==> flow/design.v <==
module my_mplex_p #(
  parameter NBITS = 2,
  parameter WAYS = 24,
  parameter LG = $clog2(WAYS)
) (
  input  wire ck,
  input  wire rst,
  input  wire en,
  input  wire [WAYS*NBITS-1:0] val_i,
  input  wire [LG-1:0] addr_i,
  output wire [NBITS-1:0] y_o
);
  reg [WAYS*NBITS-1:0] val_reg;
  reg [LG-1:0] addr_reg;
  wire [NBITS-1:0] opt [0:WAYS-1];
  genvar g;
  generate
    for (g = 0; g < WAYS; g = g + 1) begin : lane
      assign opt[g] = val_reg[g*NBITS +: NBITS];
    end
  endgenerate
  assign y_o = opt[addr_reg];
  always @(posedge ck or posedge rst) begin
    if (rst) begin
      val_reg <= 0;
      addr_reg <= 0;
    end else if (en) begin
      val_reg <= val_i;
      addr_reg <= addr_i;
    end
  end
endmodule
# ---- Reports on my_mplex_p
# Tool output for the design above, in the order of the flow.
# Line numbers count from 1 in the design file above.
# Operators carry their Yosys type and port widths (W data, S select, Z words).
# Library cell names are shortened.
# The mark - stands for no value.
dict set report setup {
  top {my_mplex_p}
  clock_port {ck}
  library {sky130hd}
  lib_corner {tt_025C_1v80}
}

# ---- Elaborated design
# Yosys after proc, flatten, opt, wreduce and memory -nomap, before mapping. Enables and synchronous resets that opt folds into registers are not counted as muxes. Print and check cells are not counted. Equal cells are merged and count once.
dict set report op_classes {
  n_eq 23
  n_mux 1
  reduce_and_logical 1
}
# cell n
set op_table {}
lappend op_table {{$pmux W2 S24} 1}
lappend op_table {{$eq A5 B4 Y1 const B} 8}
lappend op_table {{$eq A5 B5 Y1 const B} 8}
lappend op_table {{$eq A5 B3 Y1 const B} 4}
lappend op_table {{$eq A5 B2 Y1 const B} 2}
lappend op_table {{$eq A5 B1 Y1 const B} 1}
lappend op_table {{$logic_not A5 Y1} 1}
dict set report word_totals {
  ff_bits 53
  input_bits 56
  out_inout_bits 2
  elab_cells 27
}

# ---- Depth
# Depth = most cells in a row (Yosys ltp): at word level without a register or memory, in the mapped netlist without a sequential cell, where the memories' decode and read muxes count.
dict set report logic_depth {
  word_depth 2
  ABC_AREA 0
  mapped_depth 7
  depth_no_buf 5
}

# ---- Mapped cells and area
# Source: synth_stat.txt of the flow (Yosys; design flattened, memories mapped). It holds for the ABC_AREA given above (unset counts as 0); a run with the other value may have another netlist.
# Totals and module areas in this step are rounded.
dict set report mapped {
  cell_count 193
  synth_area_um2 2530
  sequential_area_um2 1326
  ff_cells 53
  buf_cells 13
}
# cell n area_total_um2
set by_type {}
lappend by_type {dfrtp_1 53 1.33E+03}
lappend by_type {mux2_2 54 608.083}
lappend by_type {mux2i_1 8 80.077}
lappend by_type {buf_2 7 35.034}
lappend by_type {nand2_1 8 30.029}
lappend by_type {a41oi_1 3 26.275}
lappend by_type {nand2b_1 4 25.024}
lappend by_type {mux4_2 1 22.522}
lappend by_type {nand3b_1 3 22.522}
lappend by_type {nor3b_1 3 22.522}
lappend by_type {nor3_1 4 20.019}
lappend by_type {nor4_1 3 18.768}
lappend by_type {a221oi_1 2 17.517}
lappend by_type {a32oi_1 2 17.517}
lappend by_type {a21oi_1 3 15.014}
lappend by_type {buf_4 2 15.014}
lappend by_type {buf_8 1 15.014}
lappend by_type {nand3_1 3 15.014}
# Other cell types: 21; their cells: 29.

# ---- Timing after synthesis
# Path of least setup slack by OpenSTA after synthesis, without wires, with an ideal clock, recovery checks aside; 20% of the period is set as input and as output delay. Where synthesis merged equal registers, the netlist keeps one of their names.
dict set report synth_timing {
  path_type {reg2out}
  startpoint {reg addr_reg[0]}
  endpoint {out y_o[0]}
  period_ns 2.22
  output_delay_ns 0.444
  t_first_pin_ns 0.000
  t_arrival_ns 1.423
  t_required_ns 1.776
  path_slack_ns 0.353
  delay_ns 1.423
  path_stages 7
  n_path_buf 1
  period_less_setup_slack_ns 1.867
}
# "delay_ns" = arrival - input delay + setup time.
# A path that ends at an output port has no setup time.
# "path_stages" counts driving pins, that of a launching flip-flop among them; a cell with two outputs on the path counts twice.
# "period_less_setup_slack_ns" is the clock period less the worst setup slack; recovery checks do not enter. This is arithmetic on one report: input and output delays are still those of the set period (20% each).
# Between the ends stands the longest chain of elaborated cells between them, by number of cells; it is not shown to be the way that was timed. Of several equally long chains one is given.
# A line is the first line of the expression or statement that the cell stems from. Yosys adds cells for indexed reads and writes and turns some case tables into memories.
dict set report synth_between {
  path_cell_list {dfrtp_1 -> buf_6 -> nor2b_4 -> and4b_1 -> nor4_1 -> a41oi_1 -> o32a_1}
  elab_chain_cells 2
  cone_cells 25
  cone_lines 1
  classes_between {23 x eq/ne; 1 x mux; 1 x reduce/logical}
}
# element line
set synth_lines {}
lappend synth_lines {{from (decl)} 14} ;# reg [LG-1:0] addr_reg;
lappend synth_lines {{from (assign)} 26} ;# addr_reg <= 0;
lappend synth_lines {{from (assign)} 29} ;# addr_reg <= addr_i;
lappend synth_lines {{$eq A5 B5 Y1} 22} ;# assign y_o = opt[addr_reg];
lappend synth_lines {{$pmux W2 S24} 22}
lappend synth_lines {{to (decl)} 11} ;# output wire [NBITS-1:0] y_o

# ---- Path in the finished layout
# From the final timing report of stored run 1: the path of least setup slack in the routed layout; clock arrival at registers is part of the times.
dict set report layout_timing {
  path_type {reg2out}
  startpoint {reg addr_reg[1]}
  endpoint {out y_o[0]}
  period_ns 2.22
  output_delay_ns 0.44
  t_first_pin_ns 0.30
  t_arrival_ns 2.07
  t_required_ns 1.78
  path_slack_ns -0.29
  path_stages 7
  n_path_buf 2
}
# Between the ends stands the longest chain of elaborated cells between them, by number of cells; it is not shown to be the way that was timed. Of several equally long chains one is given.
dict set report layout_between {
  path_cell_list {dfrtp_2 -> buf_6 -> mux4_2 -> nand3b_1 -> nand3_1 -> o32a_1 -> buf_2}
  elab_chain_cells 2
  cone_cells 25
  cone_lines 1
  classes_between {23 x eq/ne; 1 x mux; 1 x reduce/logical}
}
# element line
set layout_lines {}
lappend layout_lines {{from (decl)} 14} ;# reg [LG-1:0] addr_reg;
lappend layout_lines {{from (assign)} 26} ;# addr_reg <= 0;
lappend layout_lines {{from (assign)} 29} ;# addr_reg <= addr_i;
lappend layout_lines {{$eq A5 B5 Y1} 22} ;# assign y_o = opt[addr_reg];
lappend layout_lines {{$pmux W2 S24} 22}
lappend layout_lines {{to (decl)} 11} ;# output wire [NBITS-1:0] y_o

Settings and measured results of 3 stored flow runs for module my_mplex_p (sky130hd), not sorted in any way. The constraints put input and output delay at 20% of the set period each and load the outputs with 0.01 pF.
"achievedPeriod_ns": clock period set for the run, less the worst setup slack. It is reckoned from that one timing run; input and output delays stay at 20% of the period that was set.
By "worstPathTime_ns" is meant the share of the clock period that the worst setup path is allowed (20% is reserved at inputs, 20% at outputs), minus its slack. Clock arrival times at its registers enter into it.
"final_power_uw" is the tool's figure for a default switching activity; nothing was simulated.
Results are given in rounded form.

[flow] stored run 1: files
==> flow/run.sh <==
#!/bin/bash
# the make line also repeats the synthesis and layout settings of config.mk as NAME=value (left out here)
make -C /OpenROAD-flow-scripts/flow DESIGN_CONFIG=/design/flow/config.mk WORK_HOME=/design/flow/orfs CLKGATE_MAP_FILE= finish
==> flow/config.mk <==
export PLATFORM = sky130hd
export DESIGN_NAME = my_mplex_p
export DESIGN_NICKNAME = my_mplex_p
export VERILOG_FILES = /design/flow/design.v
export SDC_FILE = /design/flow/constraint.sdc
export NUM_CORES = 4
export LEC_CHECK = 0
export CAP_MARGIN = 20
export CORE_MARGIN = 2
export CORE_UTILIZATION = 40
export SLEW_MARGIN = 20
==> flow/constraint.sdc <==
create_clock -name core_clock -period 2.22 [get_ports {ck}]
set_input_delay 0.4440 -clock core_clock [delete_from_list [all_inputs] [get_ports {ck}]]
set_output_delay 0.4440 -clock core_clock [all_outputs]
set_load 0.01 [all_outputs]

[flow] stored run 1: metrics
[metrics] ws_setup_ns = -0.292
[metrics] tns_setup_ns = -0.490
[metrics] post_route_util_pct = 58.9
[metrics] worstPathTime_ns = 2.07
[metrics] critical_path_type = reg2out
[metrics] finish.stdcell_area_um2 = 3547
[metrics] post_synth_area_um2 = 2530
[metrics] achievedPeriod_ns = 2.512
[metrics] final_power_uw = 2315
[metrics] design_die_area_um2 = 6977

[flow] stored run 2: files
==> flow/run.sh <==
#!/bin/bash
# the make line also repeats the synthesis and layout settings of config.mk as NAME=value (left out here)
make -C /OpenROAD-flow-scripts/flow DESIGN_CONFIG=/design/flow/config.mk WORK_HOME=/design/flow/orfs CLKGATE_MAP_FILE= finish
==> flow/config.mk <==
export PLATFORM = sky130hd
export DESIGN_NAME = my_mplex_p
export DESIGN_NICKNAME = my_mplex_p
export VERILOG_FILES = /design/flow/design.v
export SDC_FILE = /design/flow/constraint.sdc
export NUM_CORES = 4
export LEC_CHECK = 0
export CAP_MARGIN = 20
export CELL_PAD_IN_SITES_GLOBAL_PLACEMENT = 0
export CORE_ASPECT_RATIO = 0.55
export CORE_MARGIN = 2
export CORE_UTILIZATION = 19
export MAX_ROUTING_LAYER = met4
export SLEW_MARGIN = 15
export TNS_END_PERCENT = 70
==> flow/constraint.sdc <==
create_clock -name core_clock -period 1.58 [get_ports {ck}]
set_input_delay 0.3160 -clock core_clock [delete_from_list [all_inputs] [get_ports {ck}]]
set_output_delay 0.3160 -clock core_clock [all_outputs]
set_load 0.01 [all_outputs]

[flow] stored run 2: metrics
[metrics] ws_setup_ns = -0.727
[metrics] tns_setup_ns = -1.405
[metrics] post_route_util_pct = 29.0
[metrics] worstPathTime_ns = 1.99
[metrics] critical_path_type = reg2out
[metrics] finish.stdcell_area_um2 = 3791
[metrics] post_synth_area_um2 = 2530
[metrics] achievedPeriod_ns = 2.307
[metrics] final_power_uw = 3648
[metrics] design_die_area_um2 = 14300

[flow] stored run 3: files
==> flow/run.sh <==
#!/bin/bash
# the make line also repeats the synthesis and layout settings of config.mk as NAME=value (left out here)
make -C /OpenROAD-flow-scripts/flow DESIGN_CONFIG=/design/flow/config.mk WORK_HOME=/design/flow/orfs CLKGATE_MAP_FILE= finish
==> flow/config.mk <==
export PLATFORM = sky130hd
export DESIGN_NAME = my_mplex_p
export DESIGN_NICKNAME = my_mplex_p
export VERILOG_FILES = /design/flow/design.v
export SDC_FILE = /design/flow/constraint.sdc
export NUM_CORES = 4
export LEC_CHECK = 0
export CAP_MARGIN = 20
export CELL_PAD_IN_SITES_GLOBAL_PLACEMENT = 1
export CORE_MARGIN = 2
export CORE_UTILIZATION = 43
export GPL_ROUTABILITY_DRIVEN = 0
export SLEW_MARGIN = 30
export TNS_END_PERCENT = 45
==> flow/constraint.sdc <==
create_clock -name core_clock -period 2.87 [get_ports {ck}]
set_input_delay 0.5740 -clock core_clock [delete_from_list [all_inputs] [get_ports {ck}]]
set_output_delay 0.5740 -clock core_clock [all_outputs]
set_load 0.01 [all_outputs]

[flow] stored run 3: metrics
[metrics] ws_setup_ns = 0.137
[metrics] tns_setup_ns = 0.000
[metrics] post_route_util_pct = 60.0
[metrics] worstPathTime_ns = 2.16
[metrics] critical_path_type = reg2out
[metrics] finish.stdcell_area_um2 = 3362
[metrics] post_synth_area_um2 = 2530
[metrics] achievedPeriod_ns = 2.733
[metrics] final_power_uw = 1823
[metrics] design_die_area_um2 = 6513
